==> flow/design.v <==
module sync_add_unit #(
  parameter DATA_WIDTH = 5
) (
  input logic clk_i,
  input logic rst,
  input logic valid,
  input logic [DATA_WIDTH-1:0] arg0,
  input logic [DATA_WIDTH-1:0] arg1,
  input logic cy_in,
  output logic [DATA_WIDTH-1:0] result,
  output logic carry_out
);
  logic [DATA_WIDTH-1:0] arg0_s;
  logic [DATA_WIDTH-1:0] arg1_s;
  logic cy_in_s;
  logic [DATA_WIDTH-1:0] val;
  logic [DATA_WIDTH:0] carry;
  assign carry[0] = cy_in_s;
  generate
    for (genvar i = 0; i < DATA_WIDTH; i++) begin : g_bit
      assign val[i] = arg0_s[i] ^ arg1_s[i] ^ carry[i];
      assign carry[i+1] = (arg0_s[i] & arg1_s[i]) | (carry[i] & (arg0_s[i] ^ arg1_s[i]));
    end
  endgenerate
  always_ff @(posedge clk_i or posedge rst) begin
    if (rst) begin
      arg0_s <= 0;
      arg1_s <= 0;
      cy_in_s <= 1'b0;
      result <= 0;
      carry_out <= 1'b0;
    end else if (valid) begin
      arg0_s <= arg0;
      arg1_s <= arg1;
      cy_in_s <= cy_in;
      result <= val;
      carry_out <= carry[DATA_WIDTH];
    end
  end
endmodule
# From RTL to reports: sync_add_unit
# A sweep over "DATA_WIDTH": the same steps for each member of the family.
# The file above is the member DATA_WIDTH=5. Line numbers count from 1 in each member's own file.
# Operators carry their Yosys type and port widths (W data, S select, Z words).
# Library cell names are shortened.
inputs:
  design: "sync_add_unit"
  clock_port: "clk_i"
  lib: "sky130hd"
  corner: "tt_025C_1v80"

# Source of the members
# Lines of each other member's file that are new or changed against the file above; lines that a member lacks are not shown.
src_changes:
  columns: ["DATA_WIDTH", "line_no", "source"]
  rows:
  - [36, 2, "parameter DATA_WIDTH = 36"]
  - [40, 2, "parameter DATA_WIDTH = 40"]
  - [56, 2, "parameter DATA_WIDTH = 56"]
  - [64, 2, "parameter DATA_WIDTH = 64"]
  - [112, 2, "parameter DATA_WIDTH = 112"]
  - [128, 2, "parameter DATA_WIDTH = 128"]

# Word level
# Source: Yosys, flattened and elaborated, memories not mapped. Widths are those after wreduce; folded enables and synchronous resets count as part of the registers. Registers that Yosys merges into a memory's read port (data or address) are not register bits. Print and check cells do not count. Equal cells are merged and count once.
word_totals:
  columns: ["DATA_WIDTH", "input_bits", "register_bits", "out_inout_bits", "elab_cells"]
  rows:
  - [5, 14, 17, 6, 30]
  - [36, 76, 110, 37, 185]
  - [40, 84, 122, 41, 205]
  - [56, 116, 170, 57, 285]
  - [64, 132, 194, 65, 325]
  - [112, 228, 338, 113, 565]
  - [128, 260, 386, 129, 645]
classes:
  columns: ["DATA_WIDTH", "logic"]
  rows:
  - [5, 25]
  - [36, 180]
  - [40, 200]
  - [56, 280]
  - [64, 320]
  - [112, 560]
  - [128, 640]
ops:
  columns: ["DATA_WIDTH", "operators"]
  rows:
  - [5, "$and A1 B1 Y1 (10); $xor A1 B1 Y1 (10); $or A1 B1 Y1 (5)"]
  - [36, "$and A1 B1 Y1 (72); $xor A1 B1 Y1 (72); $or A1 B1 Y1 (36)"]
  - [40, "$and A1 B1 Y1 (80); $xor A1 B1 Y1 (80); $or A1 B1 Y1 (40)"]
  - [56, "$and A1 B1 Y1 (112); $xor A1 B1 Y1 (112); $or A1 B1 Y1 (56)"]
  - [64, "$and A1 B1 Y1 (128); $xor A1 B1 Y1 (128); $or A1 B1 Y1 (64)"]
  - [112, "$and A1 B1 Y1 (224); $xor A1 B1 Y1 (224); $or A1 B1 Y1 (112)"]
  - [128, "$and A1 B1 Y1 (256); $xor A1 B1 Y1 (256); $or A1 B1 Y1 (128)"]

# Longest topological paths
# Yosys ltp: most cells in a row. Word level: on the elaborated netlist, between registers, memories and ports. Mapped: between sequential cells and ports; inverters and the memories' decode and read muxes count.
logic_depth:
  columns: ["DATA_WIDTH", "ltp_word", "abc_area", "depth_mapped", "depth_no_buf"]
  rows:
  - [5, 11, 0, 9, 9]
  - [36, 73, 0, 40, 40]
  - [40, 81, 0, 44, 44]
  - [56, 113, 0, 60, 60]
  - [64, 129, 0, 68, 68]
  - [112, 225, 0, 116, 116]
  - [128, 257, 0, 132, 132]

# Mapped cells and area
# Yosys stat after the flow's synthesis: flattened, memories mapped to cells. It holds for the ABC_AREA given above (unset counts as 0); a run with the other value may have another netlist.
# Totals and module areas in this step are rounded.
by_type:
  columns: ["DATA_WIDTH", "cell_types"]
  rows:
  - [5, "dfrtp_1 (17); mux2_4 (8); fa_1 (5); inv_1 (10); mux2_2 (2); mux2i_1 (2); o21ai_0 (4); nand2_1 (4); buf_6 (1); buf_4 (1); a21oi_1 (1); nor2_1 (1)"]
  - [36, "dfrtp_1 (110); mux2_2 (65); fa_1 (36); mux2_4 (38); buf_6 (6); inv_1 (10); buf_2 (7); mux2i_1 (2); o21ai_0 (4); nand2_1 (4); a21oi_1 (1); nor2_1 (1)"]
  - [40, "dfrtp_1 (122); mux2_2 (97); fa_1 (40); mux2_4 (18); buf_2 (10); buf_6 (4); inv_1 (10); mux2i_1 (2); o21ai_0 (4); nand2_1 (4); a21oi_1 (1); nor2_1 (1)"]
  - [56, "dfrtp_1 (170); mux2_2 (163); fa_1 (56); buf_6 (14); inv_1 (10); mux2i_1 (2); o21ai_0 (4); buf_2 (3); buf_4 (2); nand2_1 (4); a21oi_1 (1); nor2_1 (1)"]
  - [64, "dfrtp_1 (194); mux2_4 (98); fa_1 (64); mux2_2 (89); buf_6 (12); buf_2 (9); inv_1 (10); mux2i_1 (2); o21ai_0 (4); nand2_1 (4); buf_4 (1); a21oi_1 (1); nor2_1 (1)"]
  - [112, "dfrtp_1 (338); mux2_4 (258); fa_1 (112); mux2_2 (73); buf_6 (30); buf_2 (8); inv_1 (10); mux2i_1 (2); o21ai_0 (4); nand2_1 (4); a21oi_1 (1); nor2_1 (1)"]
  - [128, "dfrtp_1 (386); mux2_2 (292); fa_1 (128); mux2_4 (50); buf_6 (42); mux2_1 (37); inv_1 (10); mux2i_1 (2); o21ai_0 (4); nand2_1 (4); buf_2 (2); a21oi_1 (1); nor2_1 (1)"]
synth_totals:
  columns: ["DATA_WIDTH", "buffers", "ffs", "yosys_area_um2", "sequential_area_um2", "cell_count"]
  rows:
  - [5, 2, 17, 788, 425, 56]
  - [36, 13, 110, 4980, 2750, 284]
  - [40, 14, 122, 5410, 3050, 313]
  - [56, 19, 170, 7500, 4250, 430]
  - [64, 22, 194, 8900, 4850, 489]
  - [112, 38, 338, 15900, 8460, 841]
  - [128, 44, 386, 17300, 9660, 959]

# Timing after synthesis
# OpenSTA on the mapped netlist: ideal clock, no wires. The path of least setup slack (recovery checks aside). Input and output delay are each 20% of the period. Register names are those of the netlist, which keeps one name where synthesis merged equal registers.
synth_path:
  columns: ["DATA_WIDTH", "path_kind", "startpoint", "endpoint", "path_delay_ns", "path_stages", "period_ns", "setup_slack_ns", "period_less_setup_slack_ns"]
  rows:
  - [5, "reg-to-reg", "reg arg0_s[0]", "reg result[4]", 2.416, 10, 3.02, 0.603, 2.417]
  - [36, "reg-to-reg", "reg arg0_s[0]", "reg result[35]", 14.188, 41, 17.7, 3.512, 14.188]
  - [40, "reg-to-reg", "reg arg0_s[0]", "reg result[39]", 15.704, 45, 19.6, 3.895, 15.705]
  - [56, "reg-to-reg", "reg arg0_s[0]", "reg result[55]", 21.780, 61, 27.2, 5.420, 21.78]
  - [64, "reg-to-reg", "reg arg0_s[0]", "reg result[63]", 24.818, 69, 31.0, 6.182, 24.818]
  - [112, "reg-to-reg", "reg arg0_s[0]", "reg result[111]", 43.047, 117, 53.8, 10.753, 43.047]
  - [128, "reg-to-reg", "reg arg0_s[0]", "reg result[127]", 49.120, 133, 61.4, 12.280, 49.12]
# "path_delay_ns" is the arrival time less input delay plus setup time.
# "path_stages": output pins that drive a net of the path, with the launching flip-flop's if there is one; two outputs of one cell count as two.
# "period_less_setup_slack_ns" = period - worst setup slack (recovery checks aside). The figure is calculated, with input and output delays left at 20% of the set period.
# Between the ends stands the longest chain of elaborated cells between them, by number of cells; it is not shown to be the way that was timed. Of several equally long chains one is given.
# Each line given opens the expression or statement behind the cell; cells for indexed reads and writes are added by Yosys, which also makes memories of some case tables.
synth_via_DATA_WIDTH_5:
  elab_chain_len: 10
synth_lines_DATA_WIDTH_5:
  columns: ["element", "line_no", "source"]
  rows:
  - ["start: declaration", 13, "logic [DATA_WIDTH-1:0] arg0_s;"]
  - ["start: assignment", 27, "arg0_s <= 0;"]
  - ["start: assignment", 33, "arg0_s <= arg0;"]
  - ["$xor A1 B1 Y1", 22, "assign carry[i+1] = (arg0_s[i] & arg1_s[i]) | (carry[i] & (arg0_s[i] ^ arg1_s[i]));"]
  - ["$and A1 B1 Y1", 22, null]
  - ["$or A1 B1 Y1", 22, null]
  - ["$and A1 B1 Y1", 22, null]
  - ["$or A1 B1 Y1", 22, null]
  - ["$and A1 B1 Y1", 22, null]
  - ["$or A1 B1 Y1", 22, null]
  - ["$and A1 B1 Y1", 22, null]
  - ["$or A1 B1 Y1", 22, null]
  - ["$xor A1 B1 Y1", 21, "assign val[i] = arg0_s[i] ^ arg1_s[i] ^ carry[i];"]
  - ["end: assignment", 30, "result <= 0;"]
  - ["end: assignment", 36, "result <= val;"]
  - ["end: declaration", 10, "output logic [DATA_WIDTH-1:0] result,"]
synth_via_DATA_WIDTH_128:
  elab_chain_len: 256
synth_lines_DATA_WIDTH_128:
  columns: ["element", "line_no", "source"]
  rows:
  - ["start: declaration", 13, "logic [DATA_WIDTH-1:0] arg0_s;"]
  - ["start: assignment", 27, "arg0_s <= 0;"]
  - ["start: assignment", 33, "arg0_s <= arg0;"]
  - ["$xor A1 B1 Y1", 22, "assign carry[i+1] = (arg0_s[i] & arg1_s[i]) | (carry[i] & (arg0_s[i] ^ arg1_s[i]));"]
  - ["$and A1 B1 Y1", 22, null]
  - ["$or A1 B1 Y1", 22, null]
  - ["$and A1 B1 Y1", 22, null]
  - ["$or A1 B1 Y1", 22, null]
  - ["$and A1 B1 Y1", 22, null]
  - ["$or A1 B1 Y1", 22, null]
  - ["[... 242 more ...]", null, null]
  - ["$and A1 B1 Y1", 22, null]
  - ["$or A1 B1 Y1", 22, null]
  - ["$and A1 B1 Y1", 22, null]
  - ["$or A1 B1 Y1", 22, null]
  - ["$and A1 B1 Y1", 22, null]
  - ["$or A1 B1 Y1", 22, null]
  - ["$xor A1 B1 Y1", 21, "assign val[i] = arg0_s[i] ^ arg1_s[i] ^ carry[i];"]
  - ["end: assignment", 30, "result <= 0;"]
  - ["end: assignment", 36, "result <= val;"]
  - ["end: declaration", 10, "output logic [DATA_WIDTH-1:0] result,"]

# Worst path after layout
# From the final timing report of the run of each member: the path of least setup slack in the routed layout; clock arrival at registers is part of the times.
layout_path:
  columns: ["DATA_WIDTH", "path_kind", "startpoint", "endpoint", "setup_slack_ns", "arrival_time_ns", "period_ns", "n_path_buf", "path_stages"]
  rows:
  - [5, "reg-to-reg", "reg arg0_s[0]", "reg result[4]", 0.50, 2.74, 3.02, 0, 10]
  - [36, "reg-to-reg", "reg arg0_s[0]", "reg result[35]", 2.77, 15.20, 17.7, 0, 41]
  - [40, "reg-to-reg", "reg arg0_s[0]", "reg result[39]", 3.17, 16.76, 19.6, 0, 45]
  - [56, "reg-to-reg", "reg arg0_s[0]", "reg result[55]", 4.39, 23.15, 27.2, 0, 61]
  - [64, "reg-to-reg", "reg arg0_s[0]", "reg result[63]", 4.94, 26.40, 31.0, 0, 69]
  - [112, "reg-to-reg", "reg arg0_s[0]", "reg result[111]", 8.83, 45.41, 53.8, 0, 117]
  - [128, "reg-to-reg", "reg arg0_s[0]", "reg result[127]", 9.84, 52.05, 61.4, 0, 133]

# Flow runs
# Settings and results of one run of the flow (Yosys, OpenROAD) for each member follow. The constraints put input and output delay at 20% of the set period each and load the outputs with 0.01 pF.
flow_settings:
  CAP_MARGIN: 20
  CORE_MARGIN: 2
  CORE_UTILIZATION: 40
  SLEW_MARGIN: 20
settings_diff:
  columns: ["DATA_WIDTH", "period_ns"]
  rows:
  - [5, 3.02]
  - [36, 17.7]
  - [40, 19.6]
  - [56, 27.2]
  - [64, 31.0]
  - [112, 53.8]
  - [128, 61.4]
results:
  columns: ["DATA_WIDTH", "die_um2", "power.total_w", "period_less_ws_ns", "setup_worst_slack_ns", "fin_tns_ns", "worst_hold_slack_ns", "layout_stdcell_area_um2", "synthesis_area_um2", "utilization_frac"]
  rows:
  - [5, 2340, 0.00059, 2.522, 0.498, 0.000, 0.512, 1030, 788, 0.541]
  - [36, 13400, 0.000755, 14.934, 2.77, 0.000, 0.505, 6500, 4980, 0.539]
  - [40, 14500, 0.000885, 16.435, 3.17, 0.000, 0.505, 7440, 5410, 0.562]
  - [56, 19900, 0.000789, 22.810, 4.39, 0.000, 0.508, 9980, 7500, 0.537]
  - [64, 23500, 0.000789, 26.058, 4.94, 0.000, 0.508, 11700, 8900, 0.535]
  - [112, 41300, 0.000868, 44.967, 8.83, 0.000, 0.506, 20900, 15900, 0.537]
  - [128, 44800, 0.000842, 51.558, 9.84, 0.000, 0.484, 23000, 17300, 0.537]
# "period_less_ws_ns" = clock period - worst setup slack. The figure is calculated, with input and output delays left at 20% of the set period.
# "power.total_w": no workload was simulated; the value follows from the tool's default switching activity.
# The measured numbers are rounded.
